==> flow/design.v <==
module my_arith_stage #(
  parameter integer DW = 96
) (
  input core_clk,
  input nrst,
  input [DW-1:0] src1_i,
  input [DW-1:0] src2_i,
  input minus_i,
  output [DW:0] result_o
);
  reg [DW-1:0] src1_q;
  always @(posedge core_clk) begin
    if (!nrst) begin
      src1_q <= 0;
    end else begin
      src1_q <= src1_i;
    end
  end
  reg [DW-1:0] src2_q;
  always @(posedge core_clk) begin
    if (!nrst) begin
      src2_q <= 0;
    end else begin
      src2_q <= src2_i;
    end
  end
  reg minus_q;
  always @(posedge core_clk) begin
    if (!nrst) begin
      minus_q <= 1'b0;
    end else begin
      minus_q <= minus_i;
    end
  end
  reg [DW:0] t_q;
  always @(posedge core_clk) begin
    if (!nrst) begin
      t_q <= 0;
    end else begin
      t_q <= src1_q + src2_q;
    end
  end
  reg [DW:0] aux_q;
  always @(posedge core_clk) begin
    if (!nrst) begin
      aux_q <= 0;
    end else begin
      aux_q <= src1_q - src2_q;
    end
  end
  reg minus_q_d;
  always @(posedge core_clk) begin
    if (!nrst) begin
      minus_q_d <= 1'b0;
    end else begin
      minus_q_d <= minus_q;
    end
  end
  reg [DW:0] result_q;
  always @(posedge core_clk) begin
    if (!nrst) begin
      result_q <= 0;
    end else begin
      result_q <= minus_q_d ? aux_q : t_q;
    end
  end
  assign result_o = result_q;
endmodule
-- From RTL to reports: my_arith_stage
The steps from the RTL of my_arith_stage to its reports follow in flow order.
Line numbers count from 1 in the design file above.
Library cell names are shortened.
Not given: -
- top: my_arith_stage
- clock: core_clk
- library: sky130hd
- library corner: tt_025C_1v80

-- Word level
Source: Yosys, flattened and elaborated, memories not mapped. Widths are those after wreduce; folded enables and synchronous resets count as part of the registers. Registers that Yosys merges into a memory's read port (data or address) are not register bits. Print and check cells do not count. Equal cells are merged and count once.
- noted $add $sub $neg: 2
- noted mux-type cells: 1
- operators with widths (operator ; number):
    96-bit by 96-bit adder with 97-bit output ; 1
    96-bit by 96-bit subtractor with 97-bit output ; 1
    97-bit 2-to-1 mux ; 1
- elaborated cells at 10
- input port bits at 195
- output and inout bits at 97
- noted register bits after elaboration: 485

-- Logic depth
Depth = most cells in a row (Yosys ltp): at word level without a register or memory, in the mapped netlist without a sequential cell, where the memories' decode and read muxes count.
- noted word-level depth: 1
- ABC_AREA at 0
- noted depth in mapped cells: 14
- mapped depth without buffers: 14

-- Mapped cells and area
Yosys stat after the flow's synthesis: flattened, memories mapped to cells. It holds for the ABC_AREA given above (unset counts as 0); a run with the other value may have another netlist.
The area totals of this step are shown rounded.
- cells by type (cell type ; number):
    dfxtp_1 ; 484
    ha_1 ; 192
    nor2_1 ; 418
    a21oi_1 ; 274
    xnor2_1 ; 153
    and2_1 ; 209
    mux2i_1 ; 107
    inv_1 ; 214
    o21ai_0 ; 131
    nand2_1 ; 153
    o21bai_1 ; 55
    clkbuf_1 ; 105
    nor4_1 ; 57
    o31ai_1 ; 42
    nand4_1 ; 50
    nor3_1 ; 49
    a21o_1 ; 31
    nor2b_1 ; 37
Not listed: further types 58, cells in them 363.
- noted sequential area: 9700 µm²
- noted mapped flip-flops: 484
- noted chip area (Yosys): 26000 µm²
- mapped cells: 3124

-- Worst setup path after synthesis
Source: OpenSTA report_checks on the synthesized netlist (no wires, ideal clock, input and output delay 20% of the period each), path of least setup slack; recovery checks are left aside. Register names are those of the netlist, which keeps one name where synthesis merged equal registers.
- path kind: reg-to-reg
- from: register src1_q[0]
- to: register aux_q[90]
- path slack at 0.778 ns
- stages at 15
- noted data required time: 3.779 ns
- noted arrival: 3.001 ns
- noted buffers on the path: 0
- launch time at the first pin at 0.000 ns
- delay of the path at 3.122 ns
- period: 3.9 ns
- noted synthesis period reached: 3.122 ns
"delay of the path" is the arrival time less input delay plus setup time.
"stages" counts driving pins, that of a launching flip-flop among them; a cell with two outputs on the path counts twice.
"synthesis period reached" = period - worst setup slack (recovery checks aside). The figure is calculated, with input and output delays left at 20% of the set period.
Between the ends stands the longest chain of elaborated cells between them, by number of cells; it is not shown to be the way that was timed. Of several equally long chains one is given.
Each line given opens the expression or statement behind the cell; cells for indexed reads and writes are added by Yosys, which also makes memories of some case tables.
- cells stage by stage: dfxtp_1 -> inv_1 -> ha_1 -> fa_1 -> and2b_1 -> o2111ai_1 -> a211oi_1 -> o2111ai_1 -> a211oi_2 -> a211oi_1 -> o21ai_1 -> a21oi_2 -> o41ai_2 -> a21oi_1 -> mux2i_1
- length of the longest elaborated chain at 1
- elaborated cells on any way between the ends at 1
- those cells by class: add/sub: 1
- RTL lines, path after synthesis (item ; line ; RTL):
    start, declared ; 11 ; reg [DW-1:0] src1_q;
    start, assigned ; 14 ; src1_q <= 0;
    start, assigned ; 16 ; src1_q <= src1_i;
    96-bit by 96-bit subtractor with 97-bit output ; 48 ; aux_q <= src1_q - src2_q;
    end, assigned ; 46 ; aux_q <= 0;
    end, assigned ; 48 ;
    end, declared ; 43 ; reg [DW:0] aux_q;

-- Path in the finished layout
From the final timing report of flow run 1: the path of least setup slack in the routed layout; clock arrival at registers is part of the times.
- path kind: reg-to-reg
- from: register src2_q[29]
- to: register t_q[68]
- period: 3.9 ns
- stages at 17
- launch time at the first pin at 0.58 ns
- path slack at 0.13 ns
- noted buffers on the path: 4
- noted data required time: 4.37 ns
- noted arrival: 4.24 ns
Between the ends stands the longest chain of elaborated cells between them, by number of cells; it is not shown to be the way that was timed. Of several equally long chains one is given.
- cells stage by stage: dfxtp_1 -> inv_1 -> ha_1 -> buf_4 -> nor4_1 -> buf_4 -> and4_1 -> o21ai_0 -> a31oi_1 -> a41oi_4 -> buf_4 -> o31a_1 -> buf_4 -> o21a_1 -> o21ai_0 -> xnor2_1 -> nor2_1
- length of the longest elaborated chain at 1
- elaborated cells on any way between the ends at 1
- those cells by class: add/sub: 1
- RTL lines, path after layout (item ; line ; RTL):
    start, declared ; 19 ; reg [DW-1:0] src2_q;
    start, assigned ; 22 ; src2_q <= 0;
    start, assigned ; 24 ; src2_q <= src2_i;
    96-bit by 96-bit adder with 97-bit output ; 40 ; t_q <= src1_q + src2_q;
    end, assigned ; 38 ; t_q <= 0;
    end, assigned ; 40 ;
    end, declared ; 35 ; reg [DW:0] t_q;

## Implementation results

Module my_arith_stage, platform sky130hd: 3 stored runs of the flow (Yosys, OpenROAD) with differing settings, in no particular order. Input and output delays are each 20% of the period that was set; the output load is 0.01 pF.
"clock period achieved" means the clock period less the worst setup slack. The figure is calculated, with input and output delays left at 20% of the set period.
By "allowed time less slack (worst setup path)" is meant the share of the clock period that the worst setup path is allowed (20% is reserved at inputs, 20% at outputs), minus its slack. Clock arrival times at its registers enter into it.
By "total design power" is meant OpenSTA's value without simulated activity: inputs other than the clock are taken to toggle once in ten clock periods, and the tool carries that through the logic.
Results are given in rounded form.

Flow run 1
Settings were period_ns = 3.9; CAP_MARGIN = 20; CORE_MARGIN = 2; CORE_UTILIZATION = 40; SLEW_MARGIN = 20
- worst-case hold slack at 0.45 ns
- lowest setup slack: 0.13 ns
- noted the chip area after synthesis (Yosys): 26000 µm²
- overall die area: 67000 µm²
- allowed time less slack (worst setup path): 3.77 ns
- critical path kind: reg-to-reg
- total negative slack: 0.000 ns
- noted the clock period achieved: 3.774 ns
- noted the standard-cell area after layout: 33000 µm²
- final utilization at 0.51
- total design power: 14 mW

Flow run 2
Settings were period_ns = 5.86; CORE_UTILIZATION = 33; SETUP_SLACK_MARGIN = -0.09; PLACE_DENSITY_LB_ADDON = 0.18; CORE_ASPECT_RATIO = 1.08; CORE_MARGIN = 3; SLEW_MARGIN = 25; CAP_MARGIN = 20
- worst-case hold slack at 0.45 ns
- lowest setup slack: 1.2 ns
- noted the chip area after synthesis (Yosys): 26000 µm²
- overall die area: 82000 µm²
- allowed time less slack (worst setup path): 4.64 ns
- critical path kind: reg-to-reg
- total negative slack: 0.000 ns
- noted the clock period achieved: 4.644 ns
- noted the standard-cell area after layout: 31000 µm²
- final utilization at 0.4
- total design power: 9.0 mW

Flow run 3
Settings were period_ns = 2.69; CORE_UTILIZATION = 39; PLACE_DENSITY_LB_ADDON = 0.11; TNS_END_PERCENT = 60; ABC_AREA = 1; CTS_CLUSTER_DIAMETER = 358; CAP_MARGIN = 40; SLEW_MARGIN = 20; MAX_ROUTING_LAYER = met4; CORE_MARGIN = 2
- worst-case hold slack at 0.24 ns
- lowest setup slack: 0.026 ns
- noted the chip area after synthesis (Yosys): 34000 µm²
- overall die area: 90000 µm²
- allowed time less slack (worst setup path): 2.66 ns
- critical path kind: reg-to-reg
- total negative slack: 0.000 ns
- noted the clock period achieved: 2.664 ns
- noted the standard-cell area after layout: 47000 µm²
- final utilization at 0.54
- total design power: 23 mW
